==> flow/design.v <==
module sync_mem_n #(
   parameter NREGS = 48,
   parameter W = 16,
   parameter IDX_W = $clog2(NREGS),
   parameter NB = W / 8
) (
   input wire clk_i,
   input wire [NB-1:0] byte_en,
   input wire [IDX_W-1:0] write_addr,
   input wire [W-1:0] write_data,
   input wire [IDX_W-1:0] rd_addr,
   output wire [W-1:0] dout
);
   reg [W-1:0] bank [0:NREGS-1];
   integer i;
   always @(posedge clk_i) begin
      for (i = 0; i < NB; i = i + 1)
         if (byte_en[i]) bank[write_addr][8*i +: 8] <= write_data[8*i +: 8];
   end
   assign dout = bank[rd_addr];
endmodule
Reports on sync_mem_n
What the tools print for sync_mem_n, step after step. Line numbers count from 1 in the design file above. Cell names lack the library's common part. Not given: n/a

Top: sync_mem_n. Clock port: clk_i. Library: sky130hd. Corner: tt_025C_1v80.

After elaboration
Yosys after proc, flatten, opt, wreduce and memory -nomap, before mapping. Enables and synchronous resets that opt folds into registers are not counted as muxes. Memory bits, and registers merged into a memory's read port (data or address), are not among the register bits. Print and check cells are not counted. Equal cells are merged and count once. Memory sizes are those after Yosys's memory passes, which may raise the word count (mostly to a power of two), join words into wider ones and drop unused or constant bits.

Muxes and demuxes: 4.

Operators by type and width (number): 16-bit 2-to-1 mux (2); 1-bit 2-to-1 mux (2).

Register bits: 0. The entry for bits in writable memories reads 768. The entry for memory cells reads 1. The entry for input port bits reads 31. For output and inout port bits the number is 16. The figure for elaborated cells is 5.

Memories: bank (depth 48, width 16, rd ports 1, write ports 1, line 14) `reg [W-1:0] bank [0:NREGS-1];`.

Depth
Depth = most cells in a row (Yosys ltp): at word level without a register or memory, in the mapped netlist without a sequential cell, where the memories' decode and read muxes count.

The figure for depth after elaboration is 1. ABC_AREA: 0. For mapped depth the number is 9. Gate-level depth less buffers: 5.

Mapped cells and area
The flow's flattened synthesis, as Yosys stat reports it; memories are mapped. The netlist is that of the ABC_AREA named above (0 if unset); the other value can give another one.

Under cells in the netlist stands 1535. The entry for cell area after synthesis reads 30152.7 um2. Area of sequential cells: 23062.1 um2. For mapped flip-flops the number is 768. Buffer cells: 92.

Cells by type: edfxtp_1 (number 768, area in all 2.31E+04 um2); mux2i_1 (number 256, area in all 2.56E+03 um2); mux4_2 (number 80, area in all 1.8E+03 um2); a22oi_1 (number 64, area in all 480.461 um2); nor2_1 (number 100, area in all 375.36 um2); a221oi_1 (number 32, area in all 280.269 um2); a22o_1 (number 32, area in all 280.269 um2); o41ai_2 (number 16, area in all 260.25 um2); buf_6 (number 19, area in all 213.955 um2); a21oi_1 (number 32, area in all 160.154 um2); buf_4 (number 14, area in all 105.101 um2); o22ai_1 (number 16, area in all 100.096 um2); clkbuf_1 (number 26, area in all 97.594 um2); nand2_1 (number 25, area in all 93.84 um2); buf_2 (number 16, area in all 80.077 um2); buf_1 (number 17, area in all 63.811 um2); nor2b_1 (number 6, area in all 37.536 um2); nand3_1 (number 7, area in all 35.034 um2).

Other cell types: 6; their cells: 9.

Path before layout
OpenSTA on the mapped netlist: ideal clock, no wires. The path of least setup slack (recovery checks aside). Input and output delay are each 20% of the period. Register names are those of the netlist, which keeps one name where synthesis merged equal registers.

Path type: input to output. From: in rd_addr[0]. To: out dout[0]. For clock period the number is 3.17 ns. Under input delay stands 0.634 ns. The figure for external output delay is 0.634 ns. For launch time at the first pin the number is 0.634 ns. The entry for arrival time reads 2.155 ns. Data required time: 2.536 ns. For setup slack the number is 0.381 ns. The entry for delay of the path reads 1.521 ns. Under stages stands 7. The figure for buffers on the path is 3. Under synthesis period reached stands 2.789 ns.

"delay of the path" = arrival - input delay + setup time. A path that ends at an output port has no setup time. "stages": output pins that drive a net of the path, with the launching flip-flop's if there is one; two outputs of one cell count as two. "synthesis period reached" is the clock period less the worst setup slack; recovery checks do not enter. This is arithmetic on one report: input and output delays are still those of the set period (20% each). Between the ends stands the longest chain of elaborated cells between them, by number of cells; it is not shown to be the way that was timed. Of several equally long chains one is given. A line is the first line of the expression or statement that the cell stems from. Yosys adds cells for indexed reads and writes and turns some case tables into memories. The chain passes a memory read, where the word-level depth is cut; so it can be longer than that depth.

Path through: buf_6 -> buf_6 -> buf_6 -> mux4_2 -> mux4_2 -> nand2_1 -> o41ai_2. For length of the longest elaborated chain the number is 1. The entry for elaborated cells on any way between the ends reads 1. Source lines of those cells: 1. Those cells by class: memory: 1.

RTL lines, path post-synthesis: start, declared (line 11) `input wire [IDX_W-1:0] rd_addr,`; memory read 48 x 16 bit (line 14) `reg [W-1:0] bank [0:NREGS-1];`; end, declared (line 12) `output wire [W-1:0] dout`.

Worst path after layout
Path of least setup slack in the final report of entry A (OpenROAD, finished layout, wires in). Where an end is a register, its clock arrival counts in the times.

Path type: input to output. From: in rd_addr[0]. To: out dout[3]. For clock period the number is 2.81 ns. Under input delay stands 0.56 ns. The figure for external output delay is 0.56 ns. For launch time at the first pin the number is 0.56 ns. The entry for arrival time reads 3.36 ns. Data required time: 2.25 ns. For setup slack the number is -1.11 ns. Under stages stands 8. The figure for buffers on the path is 4.

Between the ends stands the longest chain of elaborated cells between them, by number of cells; it is not shown to be the way that was timed. Of several equally long chains one is given. The chain passes a memory read, where the word-level depth is cut; so it can be longer than that depth.

Path through: buf_16 -> buf_16 -> buf_4 -> mux2i_1 -> a22oi_1 -> a21oi_1 -> o41ai_2 -> buf_2. For length of the longest elaborated chain the number is 1. The entry for elaborated cells on any way between the ends reads 1. Source lines of those cells: 1. Those cells by class: memory: 1.

RTL lines, path post-layout: start, declared (line 11) `input wire [IDX_W-1:0] rd_addr,`; memory read 48 x 16 bit (line 14) `reg [W-1:0] bank [0:NREGS-1];`; end, declared (line 12) `output wire [W-1:0] dout`.

Top module sync_mem_n; platform sky130hd; tools Yosys and OpenROAD; 3 stored runs in no particular order. Input and output delays are each 20% of the period that was set; the output load is 0.01 pF. "clock period reached": clock period set for the run, less the worst setup slack. It is reckoned from that one timing run; input and output delays stay at 20% of the period that was set. "time on the worst setup path": the worst setup path's part of the clock period (all of it between registers, 20% less for each end at a port) less its slack. A launch clock that arrives late makes it longer, a capture clock that arrives late makes it shorter. "overall power" is the tool's figure for a default switching activity; nothing was simulated.

Entry A has these settings: period_ns 2.81; CORE_UTILIZATION 48; PLACE_DENSITY 0.87; CELL_PAD_IN_SITES_GLOBAL_PLACEMENT 1; CELL_PAD_IN_SITES_DETAIL_PLACEMENT 2; TNS_END_PERCENT 55; GPL_TIMING_DRIVEN 1; CTS_CLUSTER_DIAMETER 288; SLEW_MARGIN 40; CAP_MARGIN 20; CORE_MARGIN 2. The measured time on the worst setup path is 2.79 ns. Critical path kind: input to output. The post-route worst hold slack comes to 0.447 ns. The measured standard-cell area of the final layout is 37125.6 um2. The area of the synthesized netlist reads 30152.7 um2. The post-layout utilization stands at 59.9 %. The setup slack of the worst path is -1.108 ns. The clock period reached stands at 3.918 ns. The measured full die area is 64839.0 um2. The setup total negative slack stands at -18.275 ns. The overall power stands at 27757 µW.

Entry B has these settings: period_ns 2.2; CORE_UTILIZATION 69; HOLD_SLACK_MARGIN 0.1; CELL_PAD_IN_SITES_GLOBAL_PLACEMENT 3; CELL_PAD_IN_SITES_DETAIL_PLACEMENT 0; ABC_AREA 0; MIN_ROUTING_LAYER met2; CAP_MARGIN 20; CORE_MARGIN 2; SLEW_MARGIN 20. Outcome: incomplete, placement halted on GPL-0301.

Entry C has these settings: period_ns 3.17; CAP_MARGIN 20; CORE_MARGIN 2; CORE_UTILIZATION 40; SLEW_MARGIN 20. The measured time on the worst setup path is 1.93 ns. Critical path kind: input to output. The post-route worst hold slack comes to 0.733 ns. The measured standard-cell area of the final layout is 36476.2 um2. The area of the synthesized netlist reads 30152.7 um2. The post-layout utilization stands at 48.9 %. The setup slack of the worst path is -0.024 ns. The clock period reached stands at 3.194 ns. The measured full die area is 77592.9 um2. The setup total negative slack stands at -0.057 ns. The overall power stands at 21388 µW.
